==> flow/design.v <==
module dp_sum_block_p #(
    parameter int DATA_W = 16
) (
    input logic i_clk,
    input logic ce,
    input logic [DATA_W-1:0] opa,
    input logic [DATA_W-1:0] opb,
    output logic [DATA_W-1:0] res
);
    logic [DATA_W-1:0] opa_r;
    logic [DATA_W-1:0] opb_r;
    always_ff @(posedge i_clk) begin
        if (ce) begin
            opa_r <= opa;
            opb_r <= opb;
        end
    end
    logic [DATA_W:0] t;
    assign t = opa_r + opb_r;
    logic [DATA_W-1:0] res_r;
    always_ff @(posedge i_clk) begin
        if (ce) begin
            res_r <= t[DATA_W] ? {DATA_W{1'b1}} : t[DATA_W-1:0];
        end
    end
    assign res = res_r;
endmodule
[From RTL to reports: dp_sum_block_p]
Tool output for the members of one design family, told apart by "DATA_W", in the order of the flow.
The RTL above is that of DATA_W = 16; lines are counted from 1 in the file of the member named.
Library cell names are shortened.
The mark -- stands for no value.
Inputs
  design top: dp_sum_block_p
  clock input: i_clk
  standard-cell library: sky130hd
  timing corner: tt_025C_1v80

[Members of the sweep]
Lines of each other member's file that are new or changed against the file above; lines that a member lacks are not shown.
New or changed lines
  DATA_W 48: line 2  | parameter int DATA_W = 48
  DATA_W 64: line 2  | parameter int DATA_W = 64

[Word-level counts]
Source: Yosys, flattened and elaborated, memories not mapped. Widths are those after wreduce; folded enables and synchronous resets count as part of the registers. Registers that Yosys merges into a memory's read port (data or address) are not register bits. Print and check cells do not count. Equal cells are merged and count once.
Storage and ports
  DATA_W 16: register bits 48, input port bits 34, output and inout port bits 16
  DATA_W 48: register bits 144, input port bits 98, output and inout port bits 48
  DATA_W 64: register bits 192, input port bits 130, output and inout port bits 64
Cells by class ($add $sub $neg)
  DATA_W 16: 1
  DATA_W 48: 1
  DATA_W 64: 1
Operators with widths (kind and count)
  DATA_W 16: 1 x 16-bit by 16-bit adder with 17-bit output
  DATA_W 48: 1 x 48-bit by 48-bit adder with 49-bit output
  DATA_W 64: 1 x 64-bit by 64-bit adder with 65-bit output

[Longest topological paths]
Yosys ltp: most cells in a row. Word level: on the elaborated netlist, between registers, memories and ports. Mapped: between sequential cells and ports; inverters and the memories' decode and read muxes count.
Logic depth
  DATA_W 16: word-level depth 1, ABC_AREA 0, mapped depth 9, depth with buffers taken out 8
  DATA_W 48: word-level depth 1, ABC_AREA 0, mapped depth 12, depth with buffers taken out 11
  DATA_W 64: word-level depth 1, ABC_AREA 0, mapped depth 13, depth with buffers taken out 12

[Mapped cells and area]
Yosys stat after the flow's synthesis: flattened, memories mapped to cells. It holds for the ABC_AREA given above (unset counts as 0); a run with the other value may have another netlist.
Mapped netlist
  DATA_W 16: mapped cells 168, mapped area 2297.2 um^2, flip-flop cells 48, buffer cells 3
  DATA_W 48: mapped cells 570, mapped area 7280.7 um^2, flip-flop cells 144, buffer cells 16
  DATA_W 64: mapped cells 793, mapped area 9705.6 um^2, flip-flop cells 192, buffer cells 21
Cells by type (type and count)
  DATA_W 16: 48 x edfxtp_1; 16 x ha_1; 20 x nand2_1; 11 x a21oi_1; 6 x xor2_1; 6 x a21o_1; 9 x o21ai_0; 4 x xnor2_1; 6 x nor2_1; 3 x o21bai_1; 1 x fa_1; 1 x a21boi_4; 3 x and3_1; 2 x a211oi_1; 1 x a311oi_2; 3 x nand3_1; 2 x o21a_1; 1 x a211oi_2; (+25)
  DATA_W 48: 144 x edfxtp_1; 48 x ha_1; 72 x nand2_1; 53 x a21oi_1; 24 x a21o_1; 20 x xor2_1; 18 x xnor2_1; 18 x o21ai_0; 9 x a21boi_0; 9 x o21bai_1; 17 x nor2_1; 10 x and3_1; 8 x a31oi_1; 8 x and2_1; 4 x buf_6; 6 x o21a_1; 7 x nand4_1; 4 x mux2i_1; (+91)
  DATA_W 64: 192 x edfxtp_1; 64 x ha_1; 105 x nand2_1; 74 x a21oi_1; 43 x a21o_1; 32 x xnor2_1; 26 x xor2_1; 42 x nor2_1; 26 x o21ai_0; 19 x nand4_1; 14 x a31oi_1; 11 x o21bai_1; 17 x inv_1; 10 x buf_2; 8 x nand2b_1; 10 x nor3_1; 6 x a211oi_1; 9 x o21ai_1; (+85)
The mark (+n) counts cells that are not listed.

[Timing after synthesis]
OpenSTA on the mapped netlist: ideal clock, no wires. The path of least setup slack (recovery checks aside). Input and output delay are each 20% of the period. Register names are those of the netlist, which keeps one name where synthesis merged equal registers.
Timing post-synthesis
  DATA_W 16: path kind register to register, start point reg opa_r[0], end point reg res_r[14], clock period 3.12 ns, slack 0.620 ns, stages 10, delay of the path 2.500 ns, synthesis period reached 2.5 ns
  DATA_W 48: path kind register to register, start point reg opa_r[0], end point reg res_r[36], clock period 3.77 ns, slack 0.753 ns, stages 12, delay of the path 3.017 ns, synthesis period reached 3.017 ns
  DATA_W 64: path kind register to register, start point reg opa_r[0], end point reg res_r[62], clock period 4.17 ns, slack 0.834 ns, stages 13, delay of the path 3.336 ns, synthesis period reached 3.336 ns
"delay of the path" = arrival - input delay + setup time.
"stages" counts driving pins, that of a launching flip-flop among them; a cell with two outputs on the path counts twice.
"synthesis period reached" is the clock period less the worst setup slack; recovery checks do not enter. This is arithmetic on one report: input and output delays are still those of the set period (20% each).
Between the ends stands the longest chain of elaborated cells between them, by number of cells; it is not shown to be the way that was timed. Of several equally long chains one is given.
Each line given opens the expression or statement behind the cell; cells for indexed reads and writes are added by Yosys, which also makes memories of some case tables.
On the way, post-synthesis, DATA_W = 16
  length of the longest elaborated chain: 1
RTL lines, path post-synthesis, DATA_W = 16
  from (decl): line 10  | logic [DATA_W-1:0] opa_r;
  from (assign): line 14  | opa_r <= opa;
  16-bit by 16-bit adder with 17-bit output: line 19  | assign t = opa_r + opb_r;
  to (assign): line 23  | res_r <= t[DATA_W] ? {DATA_W{1'b1}} : t[DATA_W-1:0];
  to (decl): line 20  | logic [DATA_W-1:0] res_r;
On the way, post-synthesis, DATA_W = 64
  length of the longest elaborated chain: 1
RTL lines, path post-synthesis, DATA_W = 64
  from (decl): line 10  | logic [DATA_W-1:0] opa_r;
  from (assign): line 14  | opa_r <= opa;
  64-bit by 64-bit adder with 65-bit output: line 19  | assign t = opa_r + opb_r;
  to (assign): line 23  | res_r <= t[DATA_W] ? {DATA_W{1'b1}} : t[DATA_W-1:0];
  to (decl): line 20  | logic [DATA_W-1:0] res_r;

[Path in the finished layout]
Path of least setup slack in the final report of each member's run (OpenROAD, finished layout, wires in). Where an end is a register, its clock arrival counts in the times.
Timing post-layout
  DATA_W 16: path kind register to register, start point reg opb_r[0], end point reg res_r[4], clock period 3.12 ns, slack 0.37 ns, stages 9, data arrival time 2.78 ns, path buffers 0
  DATA_W 48: path kind register to register, start point reg opa_r[0], end point reg res_r[42], clock period 3.77 ns, slack 0.34 ns, stages 13, data arrival time 3.60 ns, path buffers 1
  DATA_W 64: path kind register to register, start point reg opa_r[0], end point reg res_r[17], clock period 4.17 ns, slack 0.44 ns, stages 13, data arrival time 3.90 ns, path buffers 1

[Layout results]
One run of the flow (Yosys, OpenROAD) for each member, with settings and measured results. Input and output delays are each 20% of the period that was set; the output load is 0.01 pF.
Flow settings
  CAP_MARGIN: 20
  CORE_MARGIN: 2
  CORE_UTILIZATION: 40
  SLEW_MARGIN: 20
Settings that differ (period_ns)
  DATA_W 16: 3.12
  DATA_W 48: 3.77
  DATA_W 64: 4.17
Measured results
  DATA_W 16: chip area after synthesis (Yosys) 2297.2 um^2, die size 6364.9 um^2, std-cell area (final layout) 2960.3 um^2, utilization after routing 0.534, setup slack of the worst path 0.367 ns, total negative slack on setup checks 0.000 ns, worst-case hold slack 0.646 ns, total power after layout 1649 µW, clock period achieved 2.753 ns
  DATA_W 48: chip area after synthesis (Yosys) 7280.7 um^2, die size 19297.4 um^2, std-cell area (final layout) 9593.0 um^2, utilization after routing 0.536, setup slack of the worst path 0.335 ns, total negative slack on setup checks 0.000 ns, worst-case hold slack 0.698 ns, total power after layout 5156 µW, clock period achieved 3.435 ns
  DATA_W 64: chip area after synthesis (Yosys) 9705.6 um^2, die size 25526.5 um^2, std-cell area (final layout) 12570.8 um^2, utilization after routing 0.523, setup slack of the worst path 0.442 ns, total negative slack on setup checks 0.000 ns, worst-case hold slack 0.650 ns, total power after layout 5620 µW, clock period achieved 3.728 ns
"clock period achieved" means the clock period less the worst setup slack. The figure is calculated, with input and output delays left at 20% of the set period.
"total power after layout" is the tool's figure for a default switching activity; nothing was simulated.
